==> flow/design.v <==
module u_arith_add_top #(
    parameter integer DWIDTH = 20
) (
    input  wire clk_i,
    input  wire rst_i,
    input  wire [DWIDTH-1:0] rs1_i,
    input  wire [DWIDTH-1:0] rs2_i,
    input  wire [DWIDTH-1:0] rs3_i,
    output wire [DWIDTH+1:0] out_o
);
    reg [DWIDTH-1:0] r_rs1;
    always @(posedge clk_i or posedge rst_i) begin
        if (rst_i) begin
            r_rs1 <= 0;
        end else begin
            r_rs1 <= rs1_i;
        end
    end
    reg [DWIDTH-1:0] r_rs2;
    always @(posedge clk_i or posedge rst_i) begin
        if (rst_i) begin
            r_rs2 <= 0;
        end else begin
            r_rs2 <= rs2_i;
        end
    end
    reg [DWIDTH-1:0] r_rs3;
    always @(posedge clk_i or posedge rst_i) begin
        if (rst_i) begin
            r_rs3 <= 0;
        end else begin
            r_rs3 <= rs3_i;
        end
    end
    wire [DWIDTH-1:0] val;
    assign val = r_rs1 ^ r_rs2 ^ r_rs3;
    wire [DWIDTH-1:0] carry;
    assign carry = (r_rs1 & r_rs2) | (r_rs1 & r_rs3) | (r_rs2 & r_rs3);
    assign out_o = val + {carry, 1'b0};
endmodule
---- Tool chain data of u_arith_add_top ----
The steps from the RTL of u_arith_add_top to its reports follow in flow order.
Lines are those of the file above, counted from 1.
Operators carry their Yosys type and port widths (W data, S select, Z words).
Not given: -
design
  top ..................................... u_arith_add_top
  clock input ............................. clk_i
  cell library ............................ sky130hd
  timing corner ........................... tt_025C_1v80

---- Word level ----
Yosys after proc, flatten, opt, wreduce and memory -nomap, before mapping. Enables and synchronous resets that opt folds into registers are not counted as muxes. Memory bits, and registers merged into a memory's read port (data or address), are not among the register bits. Print and check cells are not counted. Equal cells are merged and count once.
storage and ports
  input port bits ......................... 62
  word-level cells ........................ 11
  output and inout bits ................... 22
  register bits ........................... 60
operators by class
  add/sub/neg operators ................... 1
  bitwise operators ....................... 7
operator list
  cell              count
  $and A20 B20 Y20  3
  $or A20 B20 Y20   2
  $xor A20 B20 Y20  2
  $add A20 B21 Y22  1

---- Logic depth ----
Longest topological path by Yosys (ltp), each cell counted once; first at word level (registers and memories cut), then after technology mapping (sequential cells cut; the memories' decode and read muxes count).
depth
  depth in word-level cells ............... 4
  ABC_AREA ................................ 0
  gate-level depth with buffers ........... 11
  gate-level depth less buffers ........... 11

---- Netlist ----
Yosys stat after the flow's synthesis: flattened, memories mapped to cells. It holds for the ABC_AREA given above (unset counts as 0); a run with the other value may have another netlist.
cells by type
  cell type                  count  total area (µm²)
  sky130_fd_sc_hd__dfrtp_1   60     1501.44
  sky130_fd_sc_hd__fa_1      21     420.403
  sky130_fd_sc_hd__ha_1      19     237.728
  sky130_fd_sc_hd__xnor2_1   9      78.826
  sky130_fd_sc_hd__a21oi_1   14     70.067
  sky130_fd_sc_hd__a21o_1    7      52.55
  sky130_fd_sc_hd__inv_1     10     37.536
  sky130_fd_sc_hd__o21bai_1  5      37.536
  sky130_fd_sc_hd__a21oi_2   4      35.034
  sky130_fd_sc_hd__o311ai_2  2      32.531
  sky130_fd_sc_hd__a211oi_1  4      30.029
  sky130_fd_sc_hd__nor2_1    8      30.029
  sky130_fd_sc_hd__a211oi_2  2      25.024
  sky130_fd_sc_hd__and3_1    4      25.024
  sky130_fd_sc_hd__nor2b_1   4      25.024
  sky130_fd_sc_hd__nand2_1   6      22.522
  sky130_fd_sc_hd__o211ai_1  3      22.522
  sky130_fd_sc_hd__a211oi_4  1      20.019
Other cell types: 26; their cells: 41.
synthesis totals
  buffers ................................. 4
  chip area (Yosys) ....................... 3012.9 µm²
  flip-flops .............................. 60
  area of sequential cells ................ 1501.4 µm²
  cells in the netlist .................... 224

---- Worst setup path after synthesis ----
Source: OpenSTA report_checks on the synthesized netlist (no wires, ideal clock, input and output delay 20% of the period each), path of least setup slack; recovery checks are left aside. Register names are those of the netlist, which keeps one name where synthesis merged equal registers.
path post-synthesis
  kind .................................... reg-to-output
  from .................................... register r_rs1[1]
  to ...................................... output out_o[17]
  path buffers ............................ 0
  period .................................. 4.16 ns
  path delay .............................. 2.663 ns
  time at the first pin ................... 0.000 ns
  arrival time ............................ 2.663 ns
  path slack .............................. 0.665 ns
  required time ........................... 3.328 ns
  output delay ............................ 0.832 ns
  stages .................................. 9
  synthesis period reached ................ 3.495 ns
"path delay" is the arrival time less input delay plus setup time.
At an output port there is no setup time.
"stages": output pins that drive a net of the path, with the launching flip-flop's if there is one; two outputs of one cell count as two.
"synthesis period reached" = period - worst setup slack (recovery checks aside). The figure is calculated, with input and output delays left at 20% of the set period.
The rows between start and end are the longest chain of elaborated cells between them; the timing report does not say that the signal goes this way. Where chains are equally long, one stands for them.
A line is the first line of the expression or statement that the cell stems from. Yosys adds cells for indexed reads and writes and turns some case tables into memories.
between the ends, post-synthesis
  cell sequence ........................... sky130_fd_sc_hd__dfrtp_1 > sky130_fd_sc_hd__fa_1 > sky130_fd_sc_hd__ha_1 > sky130_fd_sc_hd__fa_1 > sky130_fd_sc_hd__a21o_1 > sky130_fd_sc_hd__a221o_1 > sky130_fd_sc_hd__o211ai_2 > sky130_fd_sc_hd__a21oi_2 > sky130_fd_sc_hd__o311ai_2
  cells in the longest elaborated chain ... 4
  elaborated cells between the ends (all ways) .. 7
  source lines of those cells ............. 3
  those cells by class .................... 1 x add/sub; 6 x logic
ends and longest elaborated chain, post-synthesis
  element             RTL line  RTL
  start, declared     11        reg [DWIDTH-1:0] r_rs1;
  start, assigned     14        r_rs1 <= 0;
  start, assigned     16        r_rs1 <= rs1_i;
  $and A20 B20 Y20    38        assign carry = (r_rs1 & r_rs2) | (r_rs1 & r_rs3) | (r_rs2 & r_rs3);
  $or A20 B20 Y20 x2  38
  $add A20 B21 Y22    39        assign out_o = val + {carry, 1'b0};
  end, declared       9         output wire [DWIDTH+1:0] out_o

---- Worst path after layout ----
From the final timing report of run 1: the path of least setup slack in the routed layout; clock arrival at registers is part of the times.
path after layout
  kind .................................... reg-to-output
  from .................................... register r_rs1[1]
  to ...................................... output out_o[19]
  output delay ............................ 0.84 ns
  time at the first pin ................... 0.33 ns
  path buffers ............................ 2
  path slack .............................. 0.06 ns
  stages .................................. 11
  arrival time ............................ 3.29 ns
  required time ........................... 3.34 ns
  period .................................. 4.18 ns
The rows between start and end are the longest chain of elaborated cells between them; the timing report does not say that the signal goes this way. Where chains are equally long, one stands for them.
between the ends, after layout
  cell sequence ........................... sky130_fd_sc_hd__dfrtp_1 > sky130_fd_sc_hd__fa_1 > sky130_fd_sc_hd__ha_2 > sky130_fd_sc_hd__fa_2 > sky130_fd_sc_hd__a21o_1 > sky130_fd_sc_hd__a221o_1 > sky130_fd_sc_hd__o211ai_2 > sky130_fd_sc_hd__buf_4 > sky130_fd_sc_hd__a21boi_4 > sky130_fd_sc_hd__a221oi_2 > sky130_fd_sc_hd__buf_2
  cells in the longest elaborated chain ... 4
  elaborated cells between the ends (all ways) .. 7
  source lines of those cells ............. 3
  those cells by class .................... 1 x add/sub; 6 x logic
ends and longest elaborated chain, after layout
  element             RTL line  RTL
  start, declared     11        reg [DWIDTH-1:0] r_rs1;
  start, assigned     14        r_rs1 <= 0;
  start, assigned     16        r_rs1 <= rs1_i;
  $and A20 B20 Y20    38        assign carry = (r_rs1 & r_rs2) | (r_rs1 & r_rs3) | (r_rs2 & r_rs3);
  $or A20 B20 Y20 x2  38
  $add A20 B21 Y22    39        assign out_o = val + {carry, 1'b0};
  end, declared       9         output wire [DWIDTH+1:0] out_o

Settings and measured results of 3 stored flow runs for module u_arith_add_top (sky130hd), not sorted in any way. The constraints put input and output delay at 20% of the set period each and load the outputs with 0.01 pF.
By "achieved clock period (ns)" is meant the clock period of the run minus its worst setup slack. This is arithmetic on one report: input and output delays are still those of the set period (20% each).
"worst setup path time (ns)": the worst setup path's part of the clock period (all of it between registers, 20% less for each end at a port) less its slack. A launch clock that arrives late makes it longer, a capture clock that arrives late makes it shorter.
By "finish__power__total" is meant OpenSTA's value without simulated activity: inputs other than the clock are taken to toggle once in ten clock periods, and the tool carries that through the logic.

Flow files of run 1
==> flow/run.sh <==
#!/bin/bash
# the make line also repeats the synthesis and layout settings of config.mk as NAME=value (left out here)
make -C /OpenROAD-flow-scripts/flow DESIGN_CONFIG=/design/flow/config.mk WORK_HOME=/design/flow/orfs CLKGATE_MAP_FILE= finish
==> flow/config.mk <==
export PLATFORM = sky130hd
export DESIGN_NAME = u_arith_add_top
export DESIGN_NICKNAME = u_arith_add_top
export VERILOG_FILES = /design/flow/design.v
export SDC_FILE = /design/flow/constraint.sdc
export NUM_CORES = 4
export LEC_CHECK = 0
export CAP_MARGIN = 20
export CELL_PAD_IN_SITES_DETAIL_PLACEMENT = 2
export CELL_PAD_IN_SITES_GLOBAL_PLACEMENT = 1
export CORE_ASPECT_RATIO = 1.18
export CORE_MARGIN = 2
export CORE_UTILIZATION = 15
export CTS_CLUSTER_DIAMETER = 248
export CTS_CLUSTER_SIZE = 52
export HOLD_SLACK_MARGIN = -0.05
export MAX_ROUTING_LAYER = met4
export PLACE_DENSITY = 0.92
export SETUP_SLACK_MARGIN = 0.73
export SLEW_MARGIN = 20
export TNS_END_PERCENT = 20
==> flow/constraint.sdc <==
create_clock -name core_clock -period 4.18 [get_ports {clk_i}]
set_input_delay 0.8360 -clock core_clock [delete_from_list [all_inputs] [get_ports {clk_i}]]
set_output_delay 0.8360 -clock core_clock [all_outputs]
set_load 0.01 [all_outputs]

report of run 1
yosys chip area after synthesis (um^2): 3012.9
finish__design__die__area: 21239.5
finish__design__instance__area__stdcell: 4586.9
finish__design__instance__utilization: 0.2321
finish__timing__setup__ws: 0.056
finish__timing__setup__tns: 0.000
finish__timing__hold__ws: 0.926
finish__power__total: 2.144e-03
achieved clock period (ns): 4.124
worst setup path time (ns): 3.29
worst setup path kind: reg-to-output

Flow files of run 2
==> flow/run.sh <==
#!/bin/bash
# the make line also repeats the synthesis and layout settings of config.mk as NAME=value (left out here)
make -C /OpenROAD-flow-scripts/flow DESIGN_CONFIG=/design/flow/config.mk WORK_HOME=/design/flow/orfs CLKGATE_MAP_FILE= finish
==> flow/config.mk <==
export PLATFORM = sky130hd
export DESIGN_NAME = u_arith_add_top
export DESIGN_NICKNAME = u_arith_add_top
export VERILOG_FILES = /design/flow/design.v
export SDC_FILE = /design/flow/constraint.sdc
export NUM_CORES = 4
export LEC_CHECK = 0
export CAP_MARGIN = 20
export CORE_MARGIN = 2
export CORE_UTILIZATION = 40
export SLEW_MARGIN = 20
==> flow/constraint.sdc <==
create_clock -name core_clock -period 4.16 [get_ports {clk_i}]
set_input_delay 0.8320 -clock core_clock [delete_from_list [all_inputs] [get_ports {clk_i}]]
set_output_delay 0.8320 -clock core_clock [all_outputs]
set_load 0.01 [all_outputs]

report of run 2
yosys chip area after synthesis (um^2): 3012.9
finish__design__die__area: 8242.8
finish__design__instance__area__stdcell: 4234.1
finish__design__instance__utilization: 0.5806
finish__timing__setup__ws: 0.137
finish__timing__setup__tns: 0.000
finish__timing__hold__ws: 0.886
finish__power__total: 1.874e-03
achieved clock period (ns): 4.023
worst setup path time (ns): 3.19
worst setup path kind: reg-to-output

Flow files of run 3
==> flow/run.sh <==
#!/bin/bash
# the make line also repeats the synthesis and layout settings of config.mk as NAME=value (left out here)
make -C /OpenROAD-flow-scripts/flow DESIGN_CONFIG=/design/flow/config.mk WORK_HOME=/design/flow/orfs CLKGATE_MAP_FILE= finish
==> flow/config.mk <==
export PLATFORM = sky130hd
export DESIGN_NAME = u_arith_add_top
export DESIGN_NICKNAME = u_arith_add_top
export VERILOG_FILES = /design/flow/design.v
export SDC_FILE = /design/flow/constraint.sdc
export NUM_CORES = 4
export LEC_CHECK = 0
export ABC_AREA = 0
export CAP_MARGIN = 20
export CORE_MARGIN = 2
export CORE_UTILIZATION = 55
export GPL_ROUTABILITY_DRIVEN = 0
export GPL_TIMING_DRIVEN = 1
export HOLD_SLACK_MARGIN = 0.13
export MIN_ROUTING_LAYER = met2
export PLACE_DENSITY_LB_ADDON = 0.14
export SETUP_SLACK_MARGIN = 1.15
export SLEW_MARGIN = 25
export TNS_END_PERCENT = 80
==> flow/constraint.sdc <==
create_clock -name core_clock -period 4.12 [get_ports {clk_i}]
set_input_delay 0.8240 -clock core_clock [delete_from_list [all_inputs] [get_ports {clk_i}]]
set_output_delay 0.8240 -clock core_clock [all_outputs]
set_load 0.01 [all_outputs]

report of run 3
yosys chip area after synthesis (um^2): 3012.9
finish__design__die__area: 6086.3
finish__design__instance__area__stdcell: 4394.2
finish__design__instance__utilization: 0.8442
finish__timing__setup__ws: 0.058
finish__timing__setup__tns: 0.000
finish__timing__hold__ws: 0.905
finish__power__total: 1.999e-03
achieved clock period (ns): 4.062
worst setup path time (ns): 3.24
worst setup path kind: reg-to-output
